==> flow/design.v <==
module dp_adder_blk #(
  parameter XLEN = 96,
  parameter CHUNK = 3
) (
  input wire clk,
  input wire [XLEN-1:0] u,
  input wire [XLEN-1:0] v,
  input wire cin,
  output reg [XLEN-1:0] s,
  output reg carry_out
);
  localparam GROUPS = XLEN / CHUNK;
  wire [XLEN-1:0] r;
  wire [GROUPS:0] carry;
  assign carry[0] = cin;
  genvar i;
  generate
    for (i = 0; i < GROUPS; i = i + 1) begin : blk
      wire [CHUNK:0] s0 = u[i*CHUNK +: CHUNK] + v[i*CHUNK +: CHUNK];
      wire [CHUNK:0] s1 = u[i*CHUNK +: CHUNK] + v[i*CHUNK +: CHUNK] + 1'b1;
      assign {carry[i+1], r[i*CHUNK +: CHUNK]} = carry[i] ? s1 : s0;
    end
  endgenerate
  always @(posedge clk) begin
    s <= r;
    carry_out <= carry[GROUPS];
  end
endmodule
## Tool chain data of dp_adder_blk

The steps from the RTL of dp_adder_blk to its reports follow in flow order.
Line numbers count from 1 in the design file above.
Cell names lack the library's common part.
A cell with - has no value.

| inputs | value |
|---|---|
| design top | dp_adder_blk |
| clock port | clk |
| library | sky130hd |
| corner | tt_025C_1v80 |

## Word-level counts

Counts by Yosys on the flattened word-level netlist (proc, flatten, opt, wreduce; memories kept). Register bits leave out memories and registers merged into their read ports (data or address); mux counts leave out enables and synchronous resets folded into registers. Print and check cells are left out. Cells with the same type and inputs are merged into one.

| storage and ports | value |
|---|---|
| register bits after elaboration | 97 |
| input bits | 194 |
| output and inout bits | 97 |
| cells after elaboration | 98 |

| operators by class | value |
|---|---|
| add/subtract/negate cells | 64 |
| muxes and demuxes | 32 |

Operators with widths:

| kind | number |
|---|---|
| adder 3 x 3 -> 4 bit | 32 |
| adder 4 x 1 -> 4 bit (second input constant) | 32 |
| two-way mux 4 bit | 32 |

## Logic depth

Longest topological path by Yosys (ltp), each cell counted once; first at word level (registers and memories cut), then after technology mapping (sequential cells cut; the memories' decode and read muxes count).

| depth | value |
|---|---|
| depth in word-level cells | 34 |
| ABC_AREA | 0 |
| gate-level depth with buffers | 36 |
| mapped depth without buffers | 35 |

## Netlist

The flow's flattened synthesis, as Yosys stat reports it; memories are mapped. The netlist is that of the ABC_AREA named above (0 if unset); the other value can give another one.
Totals and module areas in this step are rounded.

| synthesis totals | value |
|---|---|
| standard cells after synthesis | 810 |
| buffer cells | 6 |
| mapped flip-flops | 97 |
| chip area (Yosys) | 7,900 um^2 |
| sequential area | 1,900 um^2 |

Cells by type:

| cell type | number | area in all (um^2) |
|---|---|---|
| dfxtp_1 | 97 | 1.94E+03 |
| ha_1 | 128 | 1.6E+03 |
| fa_1 | 32 | 640.614 |
| xor2_1 | 58 | 507.987 |
| xnor2_1 | 56 | 490.47 |
| a21o_1 | 43 | 322.81 |
| mux2_2 | 27 | 304.042 |
| nand3_1 | 54 | 270.259 |
| nand2_1 | 58 | 217.709 |
| and3_1 | 29 | 181.424 |
| nand4_1 | 28 | 175.168 |
| nor4_1 | 24 | 150.144 |
| a21oi_1 | 29 | 145.139 |
| nor2_1 | 31 | 116.362 |
| mux2i_1 | 10 | 100.096 |
| a31oi_1 | 13 | 81.328 |
| inv_1 | 21 | 78.826 |
| nor4_4 | 3 | 63.811 |

Not listed: further types 26, cells in them 69.

## Timing after synthesis

Source: OpenSTA report_checks on the synthesized netlist (no wires, ideal clock, input and output delay 20% of the period each), path of least setup slack; recovery checks are left aside. Register names are those of the netlist, which keeps one name where synthesis merged equal registers.

| path after synthesis | value |
|---|---|
| kind | input-to-reg |
| start point | in u[0] |
| end point | reg s[94] |
| delay of the path | 9.156 ns |
| path buffers | 0 |
| data required time | 14.179 ns |
| period | 14.3 ns |
| setup slack | 2.285 ns |
| arrival time | 11.895 ns |
| stages | 34 |
| synthesis period reached | 12.015 ns |

"delay of the path" is the arrival time less input delay plus setup time.
"stages" counts driving pins, that of a launching flip-flop among them; a cell with two outputs on the path counts twice.
"synthesis period reached" is the clock period less the worst setup slack; recovery checks do not enter. This is arithmetic on one report: input and output delays are still those of the set period (20% each).
The rows between start and end are the longest chain of elaborated cells between them; the timing report does not say that the signal goes this way. Where chains are equally long, one stands for them.
Each line given opens the expression or statement behind the cell; cells for indexed reads and writes are added by Yosys, which also makes memories of some case tables.

| between the ends, after synthesis | value |
|---|---|
| path through | ha_1 -> fa_1 -> nand3_1 -> nor2_4 -> xor2_2 -> o211ai_1 -> a41o_1 -> o21a_1 -> o31a_1 -> o31ai_1 -> a31oi_2 -> o31ai_1 -> a31oi_1 -> nor4_1 -> nand3_1 -> mux2i_1 -> nor4_4 -> mux2i_1 -> nor4_4 -> a31oi_1 -> nor4_1 -> nor4_1 -> nor4_1 -> nand3_2 -> mux2i_1 -> nor4b_4 -> mux2i_1 -> nor4_4 -> a31oi_2 -> nor4_2 -> nor4_1 -> a2111oi_1 -> nand3_1 -> mux2_2 |
| cells in the longest elaborated chain | 34 |

Ends and longest elaborated chain, after synthesis:

| item | RTL line | text |
|---|---|---|
| start: declaration | 6 | `input wire [XLEN-1:0] u,` |
| adder 3 x 3 -> 4 bit | 20 | `wire [CHUNK:0] s1 = u[i*CHUNK +: CHUNK] + v[i*CHUNK +: CHUNK] + 1'b1;` |
| adder 4 x 1 -> 4 bit | 20 |  |
| two-way mux 4 bit (32 in a row) | 21 | `assign {carry[i+1], r[i*CHUNK +: CHUNK]} = carry[i] ? s1 : s0;` |
| end: assignment | 25 | `s <= r;` |
| end: declaration | 9 | `output reg [XLEN-1:0] s,` |

## Worst path after layout

Path of least setup slack in the final report of record 1 (OpenROAD, finished layout, wires in). Where an end is a register, its clock arrival counts in the times.

| path post-layout | value |
|---|---|
| kind | input-to-reg |
| start point | in u[0] |
| end point | reg s[94] |
| path buffers | 1 |
| stages | 35 |
| setup slack | 0.83 ns |
| period | 14.3 ns |
| data required time | 14.54 ns |
| arrival time | 13.70 ns |

The rows between start and end are the longest chain of elaborated cells between them; the timing report does not say that the signal goes this way. Where chains are equally long, one stands for them.

| between the ends, post-layout | value |
|---|---|
| path through | clkdlybuf4s50_1 -> ha_1 -> fa_1 -> nand3_1 -> nor2_4 -> xor2_2 -> o211ai_1 -> a41o_1 -> o21a_1 -> o31a_1 -> o31ai_1 -> a31oi_2 -> o31ai_1 -> a31oi_1 -> nor4_1 -> nand3_1 -> mux2i_1 -> nor4_4 -> mux2i_1 -> nor4_4 -> a31oi_1 -> o31ai_1 -> a31oi_1 -> nor4_1 -> nand3_2 -> mux2i_1 -> nor4b_4 -> mux2i_1 -> nor4_4 -> a31oi_2 -> nor4_2 -> nor4_1 -> a2111oi_1 -> nand3_1 -> mux2_2 |
| cells in the longest elaborated chain | 34 |

Ends and longest elaborated chain, post-layout:

| item | RTL line | text |
|---|---|---|
| start: declaration | 6 | `input wire [XLEN-1:0] u,` |
| adder 3 x 3 -> 4 bit | 20 | `wire [CHUNK:0] s1 = u[i*CHUNK +: CHUNK] + v[i*CHUNK +: CHUNK] + 1'b1;` |
| adder 4 x 1 -> 4 bit | 20 |  |
| two-way mux 4 bit (32 in a row) | 21 | `assign {carry[i+1], r[i*CHUNK +: CHUNK]} = carry[i] ? s1 : s0;` |
| end: assignment | 25 | `s <= r;` |
| end: declaration | 9 | `output reg [XLEN-1:0] s,` |

Appendix: measured runs

Below are 3 stored runs of the flow (Yosys, OpenROAD; platform sky130hd) on dp_adder_blk, each with its settings and what was measured, unordered. Constraints: input delay and output delay 20% of the set period each, output load 0.01 pF.
"reached clock period" means the clock period less the worst setup slack. The figure is calculated, with input and output delays left at 20% of the set period.
"time on the worst setup path" means the part of the period allowed to the worst setup path (the constraints hold back 20% at inputs and 20% at outputs) less its slack; where the path has registers, the arrival times of their clocks count too.
"total power of the final layout": no workload was simulated; the value follows from the tool's default switching activity.
The measured numbers are rounded.

#### Record 1

| setting | value |
|---|---|
| period_ns | `14.3` |
| CAP_MARGIN | `20` |
| CORE_MARGIN | `2` |
| CORE_UTILIZATION | `40` |
| SLEW_MARGIN | `20` |

| result | value |
|---|---|
| total power of the final layout | 0.0012 W |
| full die area | 21,000 um^2 |
| worst slack on setup checks | 0.83 ns |
| worst hold slack after layout | 3.2 ns |
| time on the worst setup path | 10.61 ns |
| worst path kind | input-to-reg |
| total negative slack on setup checks | 0.000 ns |
| std-cell area (final layout) | 11,000 um^2 |
| post-synthesis cell area | 7,900 um^2 |
| reached clock period | 13.467 ns |

#### Record 2

| setting | value |
|---|---|
| period_ns | `19.9` |
| CORE_UTILIZATION | `21` |
| PLACE_DENSITY | `0.63` |
| HOLD_SLACK_MARGIN | `-0.04` |
| CTS_CLUSTER_SIZE | `12` |
| CTS_CLUSTER_DIAMETER | `351` |
| CAP_MARGIN | `0` |
| CORE_MARGIN | `2` |
| SLEW_MARGIN | `20` |

| result | value |
|---|---|
| post-synthesis cell area | 7,900 um^2 |
| time on the worst setup path | 10.83 ns |
| worst path kind | input-to-reg |
| reached clock period | 14.808 ns |
| total power of the final layout | 0.00086 W |
| full die area | 39,000 um^2 |
| total negative slack on setup checks | 0.000 ns |
| worst slack on setup checks | 5.1 ns |
| std-cell area (final layout) | 12,000 um^2 |
| worst hold slack after layout | 4.3 ns |

#### Record 3

| setting | value |
|---|---|
| period_ns | `8.21` |
| CORE_UTILIZATION | `41` |
| SETUP_SLACK_MARGIN | `2.11` |
| PLACE_DENSITY | `0.47` |
| CELL_PAD_IN_SITES_GLOBAL_PLACEMENT | `1` |
| GPL_ROUTABILITY_DRIVEN | `1` |
| CTS_CLUSTER_SIZE | `28` |
| CTS_CLUSTER_DIAMETER | `356` |
| CAP_MARGIN | `20` |
| CORE_MARGIN | `2` |
| SLEW_MARGIN | `20` |

| result | value |
|---|---|
| reached clock period | 10.145 ns |
| full die area | 21,000 um^2 |
| time on the worst setup path | 8.50 ns |
| worst path kind | input-to-reg |
| post-synthesis cell area | 7,900 um^2 |
| worst slack on setup checks | -1.9 ns |
| total power of the final layout | 0.0023 W |
| worst hold slack after layout | 1.7 ns |
| total negative slack on setup checks | -39 ns |
| std-cell area (final layout) | 14,000 um^2 |
